==> flow/design.v <==
module core_shift #(
   parameter W = 96,
   parameter LOGN = $clog2(W)
) (
   input ck,
   input [W-1:0] val,
   input [LOGN-1:0] sh,
   input lr,
   output [W-1:0] result
);
   reg [W-1:0] result_r;
   always @(posedge ck) begin
      result_r <= lr ? val << sh : val >> sh;
   end
   assign result = result_r;
endmodule
From RTL to reports: core_shift

The steps from the RTL of core_shift to its reports follow in flow order.
Line numbers count from 1 in the design file above.
Operators carry their Yosys type and port widths (W data, S select, Z words).
Cell names lack the library's common part.
A cell with n/a has no value.

Design top: core_shift
Clock input: ck
Standard-cell library: sky130hd
Corner: tt_025C_1v80

Word level

Counts by Yosys on the flattened word-level netlist (proc, flatten, opt, wreduce; memories kept). Register bits leave out memories and registers merged into their read ports (data or address); mux counts leave out enables and synchronous resets folded into registers. Print and check cells are left out. Cells with the same type and inputs are merged into one.

Cells after elaboration: 4
Bits of input ports: 105
Output and inout port bits: 96
Bits in registers: 96

Shifts and indexed selects: 2
Mux-type cells: 1

Operator list:

| kind            | count |
| $shl A96 B7 Y96 | 1 |
| $shr A96 B7 Y96 | 1 |
| $mux W96        | 1 |

Depth

Longest topological path by Yosys (ltp), each cell counted once; first at word level (registers and memories cut), then after technology mapping (sequential cells cut; the memories' decode and read muxes count).

Depth after elaboration: 2
ABC_AREA: 0
Gate-level depth with buffers: 11
Gate-level depth less buffers: 6

After synthesis

The flow's flattened synthesis, as Yosys stat reports it; memories are mapped. The netlist is that of the ABC_AREA named above (0 if unset); the other value can give another one.

Sequential area: 0.0019218 mm^2
Buffers: 174
Flip-flop cells: 96
Cell area after synthesis: 0.0155637 mm^2
Cells in the netlist: 1,641

Cells by type:

| cell     | count | total area (um^2) |
| mux4_2   | 203   | 4.57E+03 |
| dfxtp_1  | 96    | 1.92E+03 |
| mux2i_1  | 171   | 1.71E+03 |
| mux2_2   | 148   | 1.67E+03 |
| nor2_1   | 146   | 548.026 |
| nand2_1  | 145   | 544.272 |
| o22ai_1  | 61    | 381.616 |
| o21ai_0  | 72    | 360.346 |
| clkbuf_1 | 93    | 349.085 |
| a21oi_1  | 69    | 345.331 |
| a211oi_1 | 31    | 232.723 |
| a22oi_1  | 30    | 225.216 |
| o221ai_1 | 25    | 218.96 |
| buf_2    | 33    | 165.158 |
| buf_6    | 12    | 135.13 |
| a221o_1  | 13    | 130.125 |
| o211ai_1 | 16    | 120.115 |
| a211o_1  | 13    | 113.859 |

Other cell types: 49; their cells: 264.

Path before layout

Path of least setup slack by OpenSTA after synthesis, without wires, with an ideal clock, recovery checks aside; 20% of the period is set as input and as output delay. Where synthesis merged equal registers, the netlist keeps one of their names.

Kind: input-to-reg
From: input port sh[0]
To: register result_r[1]
Arrival: 2.699 ns
Path delay: 2.149 ns
Stages on the path: 6
Slack: 0.540 ns
Period: 3.36 ns
Data required time: 3.238 ns
Input delay: 0.672 ns
Library setup time: 0.122 ns
Time at the first pin: 0.672 ns
Path buffers: 2
Period reached after synthesis: 2.82 ns

"path delay" = arrival - input delay + setup time.
"stages on the path": output pins that drive a net of the path, with the launching flip-flop's if there is one; two outputs of one cell count as two.
"period reached after synthesis" = period - worst setup slack (recovery checks aside). The figure is calculated, with input and output delays left at 20% of the set period.
Between the ends stands the longest chain of elaborated cells between them, by number of cells; it is not shown to be the way that was timed. Of several equally long chains one is given.
Each line given opens the expression or statement behind the cell; cells for indexed reads and writes are added by Yosys, which also makes memories of some case tables.

Cell sequence: buf_6 -> buf_2 -> mux4_2 -> mux2_2 -> mux4_2 -> a221o_1
Cells in the longest elaborated chain: 2
Elaborated cells on any way between the ends: 3
Source lines of those cells: 1
Those cells by class: shift (2); mux (1)

Ends and longest elaborated chain, after synthesis:

| element         | RTL line | RTL |
| from (decl)     | 7        | `input [LOGN-1:0] sh,` |
| $shr A96 B7 Y96 | 13       | `result_r <= lr ? val << sh : val >> sh;` |
| $mux W96        | 13       |  |
| to (assign)     | 13       |  |
| to (decl)       | 11       | `reg [W-1:0] result_r;` |

Timing after layout

Path of least setup slack in the final report of job 2 (OpenROAD, finished layout, wires in). Where an end is a register, its clock arrival counts in the times.

Kind: input-to-reg
From: input port val[87]
To: register result_r[11]
Stages on the path: 8
Data required time: 3.62 ns
Input delay: 0.67 ns
Time at the first pin: 0.67 ns
Path buffers: 3
Slack: 0.12 ns
Library setup time: 0.11 ns
Period: 3.36 ns
Arrival: 3.51 ns

Cell sequence: clkdlybuf4s50_1 -> buf_4 -> mux4_2 -> mux2_2 -> a222oi_1 -> buf_4 -> a21oi_1 -> o22a_1

Ends and longest elaborated chain, post-layout:

| element     | RTL line | RTL |
| from (decl) | 6        | `input [W-1:0] val,` |
| to (assign) | 13       | `result_r <= lr ? val << sh : val >> sh;` |
| to (decl)   | 11       | `reg [W-1:0] result_r;` |

No chain of elaborated cells between the ends is given.

Data sheet: physical implementation of core_shift

Flow measurements of core_shift on sky130hd: 3 stored runs with different settings, listed in no order. Input and output delays are each 20% of the period that was set; the output load is 0.01 pF.
"critical setup path time" means the part of the period allowed to the worst setup path (the constraints hold back 20% at inputs and 20% at outputs) less its slack; where the path has registers, the arrival times of their clocks count too.
Among the settings, -- means not set for that run.
A result given as -- is not shown for that run.

| setting or result                       | job 1 | job 2        | job 3 |
| period_ns                               | 2.32  | 3.36         | 5.03  |
| CORE_UTILIZATION                        | 46    | 40           | 57    |
| PLACE_DENSITY                           | 0.73  | --           | --    |
| CELL_PAD_IN_SITES_GLOBAL_PLACEMENT      | 3     | --           | 3     |
| CELL_PAD_IN_SITES_DETAIL_PLACEMENT      | 2     | --           | --    |
| GPL_TIMING_DRIVEN                       | 0     | --           | --    |
| CTS_CLUSTER_SIZE                        | 75    | --           | 89    |
| CAP_MARGIN                              | 35    | 20           | 20    |
| SLEW_MARGIN                             | 30    | 20           | 10    |
| CORE_MARGIN                             | 2     | 2            | 2     |
| TNS_END_PERCENT                         | --    | --           | 30    |
| GPL_ROUTABILITY_DRIVEN                  | --    | --           | 1     |
| MAX_ROUTING_LAYER                       | --    | --           | met5  |
| netlist area reported by Yosys (mm^2)   | --    | 0.0155637    | --    |
| full die area (mm^2)                    | --    | 0.0405036    | --    |
| standard-cell area after routing (mm^2) | --    | 0.0201468    | --    |
| utilization after layout (%)            | --    | 52.3         | --    |
| worst slack on setup checks (ns)        | --    | 0.117        | --    |
| lowest hold slack (ns)                  | --    | 0.662        | --    |
| critical setup path time (ns)           | --    | 2.57         | --    |
| worst path kind                         | --    | input-to-reg | --    |

Job 1: did not finish, placement stopped with GPL-0301
Job 3: did not finish, placement stopped with GPL-0301
